==> flow/design.v <==
module sync_mul_mod #(
    parameter int DATA_W = 20
) (
    input  logic clk,
    input  logic rst,
    input  logic [DATA_W-1:0] in_first,
    input  logic [DATA_W-1:0] in_second,
    input  logic in_clear,
    output logic [2*DATA_W-1:0] out_res,
    output logic out_fin
);
    localparam int SW = $clog2(DATA_W + 1);
    logic [DATA_W-1:0] mcand;
    logic [SW-1:0] left;
    always_ff @(posedge clk or posedge rst) begin
        if (rst) begin
            mcand <= 0;
            left <= 0;
        end else begin
            mcand <= in_clear ? in_first : mcand;
            left <= in_clear ? DATA_W : (left != 0) ? left - 1'b1 : left;
        end
    end
    logic [2*DATA_W-1:0] run_sum;
    logic [DATA_W:0] work;
    assign work = run_sum[2*DATA_W-1:DATA_W] + (run_sum[0] ? mcand : {DATA_W{1'b0}});
    always_ff @(posedge clk or posedge rst) begin
        if (rst) begin
            run_sum <= 0;
        end else begin
            run_sum <= in_clear ? {{DATA_W{1'b0}}, in_second} : (left != 0) ? {work, run_sum[DATA_W-1:1]} : run_sum;
        end
    end
    assign out_res = run_sum;
    assign out_fin = (left == 0);
endmodule
# Tool chain data of sync_mul_mod
# What the tools print for sync_mul_mod, step after step.
# Lines are those of the file above, counted from 1.
# Operators: Yosys type, input widths -> output width; for muxes data width and select width s.
# Library cell names are shortened.
# A cell with -- has no value.
[inputs]
top = "sync_mul_mod"
clock = "clk"
library = "sky130hd"
lib_corner = "tt_025C_1v80"

# Word level
# Counts by Yosys on the flattened word-level netlist (proc, flatten, opt, wreduce; memories kept). Register bits leave out memories and registers merged into their read ports (data or address). Print and check cells are left out. Cells with the same type and inputs are merged into one.
[bits]
regBits = 65
inputBits = 43
output_inout_bits = 41
[op_classes]
n_addsub = 2
muxes = 5
reduce_logical = 3
[ops]
columns = ["operator", "n"]
rows = [
  ["$mux 40", 2],
  ["$add 20x20->21", 1],
  ["$mux 20", 1],
  ["$mux 5", 2],
  ["$sub 5x1->5 const B", 1],
  ["$logic_not 5->1", 1],
  ["$reduce_bool 5->1", 1],
  ["$reduce_bool 2->1", 1],
]

# Depth
# Longest topological path by Yosys (ltp), each cell counted once; first at word level (registers and memories cut), then after technology mapping (sequential cells cut; the memories' decode and read muxes count).
[depth]
word_depth = 4
ABC_AREA = 0
depth_mapped = 11
depth_no_buf = 10

# Netlist
# Yosys stat after the flow's synthesis: flattened, memories mapped to cells. It holds for the ABC_AREA given above (unset counts as 0); a run with the other value may have another netlist.
[types]
columns = ["type", "n", "area_total_um2"]
rows = [
  ["dfrtp_1", 65, 1626.56],
  ["ha_1", 22, 275.264],
  ["mux2_2", 20, 225.216],
  ["mux2i_1", 20, 200.192],
  ["nand2_1", 47, 176.419],
  ["o21ai_0", 28, 140.134],
  ["and2_1", 21, 131.376],
  ["a21oi_1", 22, 110.106],
  ["nor2_1", 26, 97.594],
  ["a21o_1", 9, 67.565],
  ["o21a_1", 8, 60.058],
  ["inv_1", 14, 52.55],
  ["a211oi_1", 6, 45.043],
  ["clkbuf_1", 10, 37.536],
  ["nor3_1", 7, 35.034],
  ["xnor2_1", 4, 35.034],
  ["buf_2", 6, 30.029],
  ["nand3_1", 6, 30.029],
]
# Not listed: further types 39, cells in them 70.
[mapped]
mapped_cells = 411
area_um2 = 3930.0
flip_flops = 65

# Timing after synthesis
# Source: OpenSTA report_checks on the synthesized netlist (no wires, ideal clock, input and output delay 20% of the period each), path of least setup slack; recovery checks are left aside. Register names are those of the netlist, which keeps one name where synthesis merged equal registers.
[synth_timing]
path_type = "register to register"
start = "register run_sum[0]"
end = "register run_sum[38]"
path_stages = 10
t_first_pin_ns = 0.000
slack_ns = 0.637
setup_ns = 0.096
tclk_ns = 3.17
n_path_buf = 1
path_delay_ns = 2.533
t_arrival_ns = 2.437
t_required_ns = 3.074
synth_period_reached_ns = 2.533
# "path_delay_ns" = arrival - input delay + setup time.
# "path_stages": output pins that drive a net of the path, with the launching flip-flop's if there is one; two outputs of one cell count as two.
# "synth_period_reached_ns" is the clock period less the worst setup slack; recovery checks do not enter. This is arithmetic on one report: input and output delays are still those of the set period (20% each).
# The rows between start and end are the longest chain of elaborated cells between them; the timing report does not say that the signal goes this way. Where chains are equally long, one stands for them.
# Each line given opens the expression or statement behind the cell; cells for indexed reads and writes are added by Yosys, which also makes memories of some case tables.
[synth_between]
cell_sequence = "dfrtp_1 > clkbuf_1 > and2_1 > ha_1 > a41o_1 > a221oi_2 > o21ai_2 > or3_1 > a21o_1 > a311oi_2"
elab_chain_cells = 4
[synth_rtl]
columns = ["item", "line_no", "text"]
rows = [
  ["start: declaration", 24, "logic [2*DATA_W-1:0] run_sum;"],
  ["start: assignment", 29, "run_sum <= 0;"],
  ["start: assignment", 31, "run_sum <= in_clear ? {{DATA_W{1'b0}}, in_second} : (left != 0) ? {work, run_sum[DATA_W-1:1]} : run_sum;"],
  ["$mux 20", 26, "assign work = run_sum[2*DATA_W-1:DATA_W] + (run_sum[0] ? mcand : {DATA_W{1'b0}});"],
  ["$add 20x20->21", 26, ""],
  ["$mux 40 x2", 31, ""],
  ["end: assignment", 29, ""],
  ["end: assignment", 31, ""],
  ["end: declaration", 24, ""],
]

# Timing after layout
# Path of least setup slack in the final report of run 2 (OpenROAD, finished layout, wires in). Where an end is a register, its clock arrival counts in the times.
[layout_timing]
path_type = "register to register"
start = "register run_sum[0]"
end = "register run_sum[35]"
t_required_ns = 2.38
t_arrival_ns = 2.73
slack_ns = -0.35
n_path_buf = 0
path_stages = 11
t_first_pin_ns = 0.34
setup_ns = 0.12
tclk_ns = 2.15
# The rows between start and end are the longest chain of elaborated cells between them; the timing report does not say that the signal goes this way. Where chains are equally long, one stands for them.
[layout_between]
cell_sequence = "dfrtp_2 > and2_4 > ha_2 > inv_1 > fa_2 > nor2b_4 > o31a_1 > o211ai_1 > o211ai_1 > nor4b_4 > a311o_1"
elab_chain_cells = 4
[layout_rtl]
columns = ["item", "line_no", "text"]
rows = [
  ["start: declaration", 24, "logic [2*DATA_W-1:0] run_sum;"],
  ["start: assignment", 29, "run_sum <= 0;"],
  ["start: assignment", 31, "run_sum <= in_clear ? {{DATA_W{1'b0}}, in_second} : (left != 0) ? {work, run_sum[DATA_W-1:1]} : run_sum;"],
  ["$mux 20", 26, "assign work = run_sum[2*DATA_W-1:DATA_W] + (run_sum[0] ? mcand : {DATA_W{1'b0}});"],
  ["$add 20x20->21", 26, ""],
  ["$mux 40 x2", 31, ""],
  ["end: assignment", 29, ""],
  ["end: assignment", 31, ""],
  ["end: declaration", 24, ""],
]

# Design sync_mul_mod on sky130hd. What follows are 3 stored runs of the flow, each under its own settings; their order means nothing. The constraints put input and output delay at 20% of the set period each and load the outputs with 0.01 pF.
# "achievedPeriod_ns" means the clock period less the worst setup slack. The figure is calculated, with input and output delays left at 20% of the set period.
# "worst_setup_path_time_ns": the worst setup path's part of the clock period (all of it between registers, 20% less for each end at a port) less its slack. A launch clock that arrives late makes it longer, a capture clock that arrives late makes it shorter.
# "final_power_uw": no workload was simulated; the value follows from the tool's default switching activity.

[[run]]
name = "run 1"
[run.settings]
period_ns = 4.6
CORE_UTILIZATION = 45
SETUP_SLACK_MARGIN = 0.57
PLACE_DENSITY_LB_ADDON = 0.23
CORE_ASPECT_RATIO = 1.14
CORE_MARGIN = 7
CELL_PAD_IN_SITES_GLOBAL_PLACEMENT = 3
TNS_END_PERCENT = 50
ABC_AREA = 0
CTS_CLUSTER_SIZE = 55
CAP_MARGIN = 0
MAX_ROUTING_LAYER = "met5"
SLEW_MARGIN = 20
[run.results]
outcome = "no results, placement failed with FLW-0024"

[[run]]
name = "run 2"
[run.settings]
period_ns = 2.15
CORE_UTILIZATION = 29
PLACE_DENSITY_LB_ADDON = 0.05
TNS_END_PERCENT = 10
ABC_AREA = 0
GPL_ROUTABILITY_DRIVEN = 0
SLEW_MARGIN = 35
CAP_MARGIN = 20
CORE_MARGIN = 2
[run.results]
final_power_uw = 4587
final_stdcell_area_um2 = 5962.0
worst_setup_path_time_ns = 2.50
worst_setup_path_type = "register to register"
final_die_area_um2 = 14498.6
tns_setup_ns = -3.408
final_setup_ws_ns = -0.352
achievedPeriod_ns = 2.502
fin_util_pct = 45.0
ys_area_um2 = 3930.0

[[run]]
name = "run 3"
[run.settings]
period_ns = 3.17
CAP_MARGIN = 20
CORE_MARGIN = 2
CORE_UTILIZATION = 40
SLEW_MARGIN = 20
[run.results]
fin_util_pct = 52.5
final_die_area_um2 = 10633.7
final_power_uw = 2366
ys_area_um2 = 3930.0
final_stdcell_area_um2 = 5057.4
achievedPeriod_ns = 2.787
worst_setup_path_time_ns = 2.15
worst_setup_path_type = "register to output"
tns_setup_ns = 0.000
final_setup_ws_ns = 0.383
